==> flow/design.v <==
module alu_sub_unit_mod #(
    parameter int WIDTH = 16
) (
    input  logic sys_clk,
    input  logic [WIDTH-1:0] i_da,
    input  logic [WIDTH-1:0] i_db,
    output logic [WIDTH:0] o_result,
    output logic [WIDTH:0] o_out
);
    logic [WIDTH-1:0] r_da;
    logic [WIDTH-1:0] r_db;
    always_ff @(posedge sys_clk) begin
        r_da <= i_da;
        r_db <= i_db;
        o_result <= r_da + r_db;
        o_out <= r_da - r_db;
    end
endmodule
# --- Tool chain data of alu_sub_unit_mod ---
# Module alu_sub_unit_mod in several versions that differ in "WIDTH"; each step lists the members.
# The RTL above is that of WIDTH=16; lines are counted from 1 in the file of the member named.
# Operators carry their Yosys type and port widths (W data, S select, Z words).
inputs:
  design: "alu_sub_unit_mod"
  clk_port: "sys_clk"
  library: "sky130hd"
  pvt_corner: "tt_025C_1v80"

# --- Source of the members ---
# Lines of each other member's file that are new or changed against the file above; lines that a member lacks are not shown.
changed_lines:
  columns: ["WIDTH", "line", "rtl"]
  rows:
  - [24, 2, "parameter int WIDTH = 24"]
  - [32, 2, "parameter int WIDTH = 32"]
  - [72, 2, "parameter int WIDTH = 72"]
  - [112, 2, "parameter int WIDTH = 112"]

# --- Word level ---
# Counts by Yosys on the flattened word-level netlist (proc, flatten, opt, wreduce; memories kept). Register bits leave out memories and registers merged into their read ports (data or address); mux counts leave out enables and synchronous resets folded into registers. Print and check cells are left out. Cells with the same type and inputs are merged into one.
op_classes:
  columns: ["WIDTH", "addsub"]
  rows:
  - [16, 2]
  - [24, 2]
  - [32, 2]
  - [72, 2]
  - [112, 2]
op_table:
  columns: ["WIDTH", "op_list"]
  rows:
  - [16, "$add A16 B16 Y17: 1; $sub A16 B16 Y17: 1"]
  - [24, "$add A24 B24 Y25: 1; $sub A24 B24 Y25: 1"]
  - [32, "$add A32 B32 Y33: 1; $sub A32 B32 Y33: 1"]
  - [72, "$add A72 B72 Y73: 1; $sub A72 B72 Y73: 1"]
  - [112, "$add A112 B112 Y113: 1; $sub A112 B112 Y113: 1"]
bits:
  columns: ["WIDTH", "ff_bits", "elab_cells", "output_inout_bits"]
  rows:
  - [16, 66, 6, 34]
  - [24, 98, 6, 50]
  - [32, 130, 6, 66]
  - [72, 290, 6, 146]
  - [112, 450, 6, 226]

# --- Logic depth ---
# Depth = most cells in a row (Yosys ltp): at word level without a register or memory, in the mapped netlist without a sequential cell, where the memories' decode and read muxes count.
logic_depth:
  columns: ["WIDTH", "depth_word", "ABC_AREA", "depth_mapped"]
  rows:
  - [16, 1, 0, 8]
  - [24, 1, 0, 10]
  - [32, 1, 0, 11]
  - [72, 1, 0, 14]
  - [112, 1, 0, 15]

# --- Mapped cells and area ---
# The flow's flattened synthesis, as Yosys stat reports it; memories are mapped. The netlist is that of the ABC_AREA named above (0 if unset); the other value can give another one.
synth_totals:
  columns: ["WIDTH", "buf_cells", "synth_area_um2", "mapped_cells", "seqArea_um2", "ffs"]
  rows:
  - [16, 14, 3039.2, 315, 1301.2, 65]
  - [24, 21, 4631.9, 475, 1941.9, 97]
  - [32, 25, 6187.2, 654, 2582.5, 129]
  - [72, 70, 15200.8, 1755, 5785.5, 289]
  - [112, 115, 24447.2, 2836, 8988.6, 449]
by_type:
  columns: ["WIDTH", "cell_types"]
  rows:
  - [16, "sky130_fd_sc_hd__dfxtp_1: 65; sky130_fd_sc_hd__ha_1: 32; sky130_fd_sc_hd__xnor2_1: 17; sky130_fd_sc_hd__a21oi_1: 23; sky130_fd_sc_hd__inv_1: 28; sky130_fd_sc_hd__nor2_1: 22; sky130_fd_sc_hd__nor3_1: 9; sky130_fd_sc_hd__xor2_1: 5; sky130_fd_sc_hd__fa_1: 2; sky130_fd_sc_hd__nand2_1: 10; sky130_fd_sc_hd__o31ai_1: 5; sky130_fd_sc_hd__a211o_1: 4; sky130_fd_sc_hd__nand3_1: 7; sky130_fd_sc_hd__a31oi_1: 5; sky130_fd_sc_hd__nor2b_1: 5; sky130_fd_sc_hd__a211oi_1: 4; sky130_fd_sc_hd__o211ai_1: 4; sky130_fd_sc_hd__o21bai_1: 4; (+64)"]
  - [24, "sky130_fd_sc_hd__dfxtp_1: 97; sky130_fd_sc_hd__ha_1: 48; sky130_fd_sc_hd__xnor2_1: 38; sky130_fd_sc_hd__a21oi_1: 49; sky130_fd_sc_hd__inv_1: 43; sky130_fd_sc_hd__o31ai_1: 15; sky130_fd_sc_hd__nor2_1: 28; sky130_fd_sc_hd__nand2_1: 16; sky130_fd_sc_hd__nand2b_1: 9; sky130_fd_sc_hd__o21bai_1: 7; sky130_fd_sc_hd__nor2b_1: 8; sky130_fd_sc_hd__nor4_1: 8; sky130_fd_sc_hd__a21o_1: 6; sky130_fd_sc_hd__buf_4: 6; sky130_fd_sc_hd__nor3_1: 9; sky130_fd_sc_hd__o21ai_0: 9; sky130_fd_sc_hd__xor2_1: 5; sky130_fd_sc_hd__buf_2: 8; (+66)"]
  - [32, "sky130_fd_sc_hd__dfxtp_1: 129; sky130_fd_sc_hd__ha_1: 64; sky130_fd_sc_hd__xnor2_1: 45; sky130_fd_sc_hd__a21oi_1: 48; sky130_fd_sc_hd__inv_1: 64; sky130_fd_sc_hd__nor2_1: 53; sky130_fd_sc_hd__o21bai_1: 16; sky130_fd_sc_hd__o21ai_0: 18; sky130_fd_sc_hd__nand2_1: 22; sky130_fd_sc_hd__a211oi_1: 10; sky130_fd_sc_hd__nand2b_1: 12; sky130_fd_sc_hd__a21o_1: 9; sky130_fd_sc_hd__nand3_1: 13; sky130_fd_sc_hd__nor2b_1: 9; sky130_fd_sc_hd__nor3_1: 11; sky130_fd_sc_hd__xor2_1: 6; sky130_fd_sc_hd__nand4_1: 8; sky130_fd_sc_hd__buf_2: 9; (+108)"]
  - [72, "sky130_fd_sc_hd__dfxtp_1: 289; sky130_fd_sc_hd__ha_1: 144; sky130_fd_sc_hd__xnor2_1: 125; sky130_fd_sc_hd__a21oi_1: 183; sky130_fd_sc_hd__nor2_1: 154; sky130_fd_sc_hd__inv_1: 147; sky130_fd_sc_hd__o21ai_0: 81; sky130_fd_sc_hd__nand2_1: 103; sky130_fd_sc_hd__o21bai_1: 47; sky130_fd_sc_hd__nand4_1: 33; sky130_fd_sc_hd__nor4_1: 32; sky130_fd_sc_hd__o31ai_1: 22; sky130_fd_sc_hd__nor2b_1: 25; sky130_fd_sc_hd__nor3_1: 30; sky130_fd_sc_hd__clkbuf_1: 39; sky130_fd_sc_hd__a31oi_1: 22; sky130_fd_sc_hd__a21o_1: 18; sky130_fd_sc_hd__nand3_1: 24; (+237)"]
  - [112, "sky130_fd_sc_hd__dfxtp_1: 449; sky130_fd_sc_hd__ha_1: 224; sky130_fd_sc_hd__xnor2_1: 209; sky130_fd_sc_hd__a21oi_1: 323; sky130_fd_sc_hd__inv_1: 231; sky130_fd_sc_hd__nor2_1: 203; sky130_fd_sc_hd__nand2_1: 169; sky130_fd_sc_hd__o31ai_1: 78; sky130_fd_sc_hd__o21ai_0: 115; sky130_fd_sc_hd__o21bai_1: 65; sky130_fd_sc_hd__nand4_1: 75; sky130_fd_sc_hd__nor4_1: 70; sky130_fd_sc_hd__a21o_1: 42; sky130_fd_sc_hd__nor3_1: 48; sky130_fd_sc_hd__o21a_1: 31; sky130_fd_sc_hd__buf_2: 46; sky130_fd_sc_hd__nand3_1: 38; sky130_fd_sc_hd__a31oi_1: 29; (+391)"]
# The mark (+n) counts cells that are not listed.

# --- Path before layout ---
# OpenSTA on the mapped netlist: ideal clock, no wires. The path of least setup slack (recovery checks aside). Input and output delay are each 20% of the period. Register names are those of the netlist, which keeps one name where synthesis merged equal registers.
synth_path:
  columns: ["WIDTH", "path_kind", "start", "end", "path_delay_ns", "stages", "clock_period_ns", "slack_ns", "synth_period_reached_ns"]
  rows:
  - [16, "flip-flop to flip-flop", "register r_da[0]", "register o_result[16]", 1.927, 8, 2.41, 0.483, 1.927]
  - [24, "flip-flop to flip-flop", "register r_da[0]", "register o_out[24]", 2.305, 11, 2.88, 0.575, 2.305]
  - [32, "flip-flop to flip-flop", "register r_da[0]", "register o_out[20]", 2.545, 12, 3.18, 0.634, 2.546]
  - [72, "flip-flop to flip-flop", "register r_da[0]", "register o_result[72]", 2.853, 13, 3.57, 0.717, 2.853]
  - [112, "flip-flop to flip-flop", "register r_db[10]", "register o_out[111]", 2.990, 15, 3.74, 0.750, 2.99]
# "path_delay_ns" = arrival - input delay + setup time.
# "stages" counts driving pins, that of a launching flip-flop among them; a cell with two outputs on the path counts twice.
# "synth_period_reached_ns" is the clock period less the worst setup slack; recovery checks do not enter. This is arithmetic on one report: input and output delays are still those of the set period (20% each).
# The rows between start and end are the longest chain of elaborated cells between them; the timing report does not say that the signal goes this way. Where chains are equally long, one stands for them.
# Each line given opens the expression or statement behind the cell; cells for indexed reads and writes are added by Yosys, which also makes memories of some case tables.
synth_between_WIDTH_16:
  elab_chain_len: 1
synth_rtl_WIDTH_16:
  columns: ["element", "line", "rtl"]
  rows:
  - ["start, declared", 10, "logic [WIDTH-1:0] r_da;"]
  - ["start, assigned", 13, "r_da <= i_da;"]
  - ["$add A16 B16 Y17", 15, "o_result <= r_da + r_db;"]
  - ["end, assigned", 15, null]
  - ["end, declared", 7, "output logic [WIDTH:0] o_result,"]
synth_between_WIDTH_112:
  elab_chain_len: 1
synth_rtl_WIDTH_112:
  columns: ["element", "line", "rtl"]
  rows:
  - ["start, declared", 11, "logic [WIDTH-1:0] r_db;"]
  - ["start, assigned", 14, "r_db <= i_db;"]
  - ["$sub A112 B112 Y113", 16, "o_out <= r_da - r_db;"]
  - ["end, assigned", 16, null]
  - ["end, declared", 8, "output logic [WIDTH:0] o_out"]

# --- Worst path after layout ---
# Path of least setup slack in the final report of the run of each member (OpenROAD, finished layout, wires in). Where an end is a register, its clock arrival counts in the times.
layout_path:
  columns: ["WIDTH", "path_kind", "start", "end", "slack_ns", "stages", "clock_period_ns", "path_buffers", "t_arrival_ns"]
  rows:
  - [16, "flip-flop to flip-flop", "register r_db[9]", "register o_result[13]", 0.20, 8, 2.41, 0, 2.45]
  - [24, "flip-flop to flip-flop", "register r_da[0]", "register o_result[24]", 0.18, 10, 2.88, 0, 2.93]
  - [32, "flip-flop to flip-flop", "register r_db[6]", "register o_out[31]", 0.22, 11, 3.18, 0, 3.32]
  - [72, "flip-flop to flip-flop", "register r_db[6]", "register o_out[71]", 0.11, 14, 3.57, 2, 3.92]
  - [112, "flip-flop to flip-flop", "register r_db[31]", "register o_result[108]", 0.05, 16, 3.74, 2, 4.20]

# --- Layout results ---
# Settings and results of one run of the flow (Yosys, OpenROAD) for each member follow. The constraints put input and output delay at 20% of the set period each and load the outputs with 0.01 pF.
settings:
  CAP_MARGIN: 20
  CORE_MARGIN: 2
  CORE_UTILIZATION: 40
  SLEW_MARGIN: 20
settings_diff:
  columns: ["WIDTH", "period_ns"]
  rows:
  - [16, 2.41]
  - [24, 2.88]
  - [32, 3.18]
  - [72, 3.57]
  - [112, 3.74]
results:
  columns: ["WIDTH", "timing.hold.ws_ns", "final_die_area_um2", "finalCellArea_um2", "synth_chip_area_um2", "final_power_uw", "finish.utilization_pct", "setupTns_ns", "period_less_ws_ns", "worstSetupSlack_ns"]
  rows:
  - [16, 0.542, 8311.1, 4026.4, 3039.2, 3115, 55.2, 0.000, 2.214, 0.196]
  - [24, 0.534, 12456.8, 6053.3, 4631.9, 4052, 53.2, 0.000, 2.703, 0.177]
  - [32, 0.540, 16478.9, 8205.4, 6187.2, 5105, 54.2, 0.000, 2.955, 0.225]
  - [72, 0.533, 39577.1, 20628.5, 15200.8, 10261, 54.9, 0.000, 3.458, 0.112]
  - [112, 0.564, 63111.5, 34406.7, 24447.2, 16679, 57.0, 0.000, 3.686, 0.054]
# "period_less_ws_ns" means the clock period less the worst setup slack. The figure is calculated, with input and output delays left at 20% of the set period.
# "final_power_uw": no workload was simulated; the value follows from the tool's default switching activity.
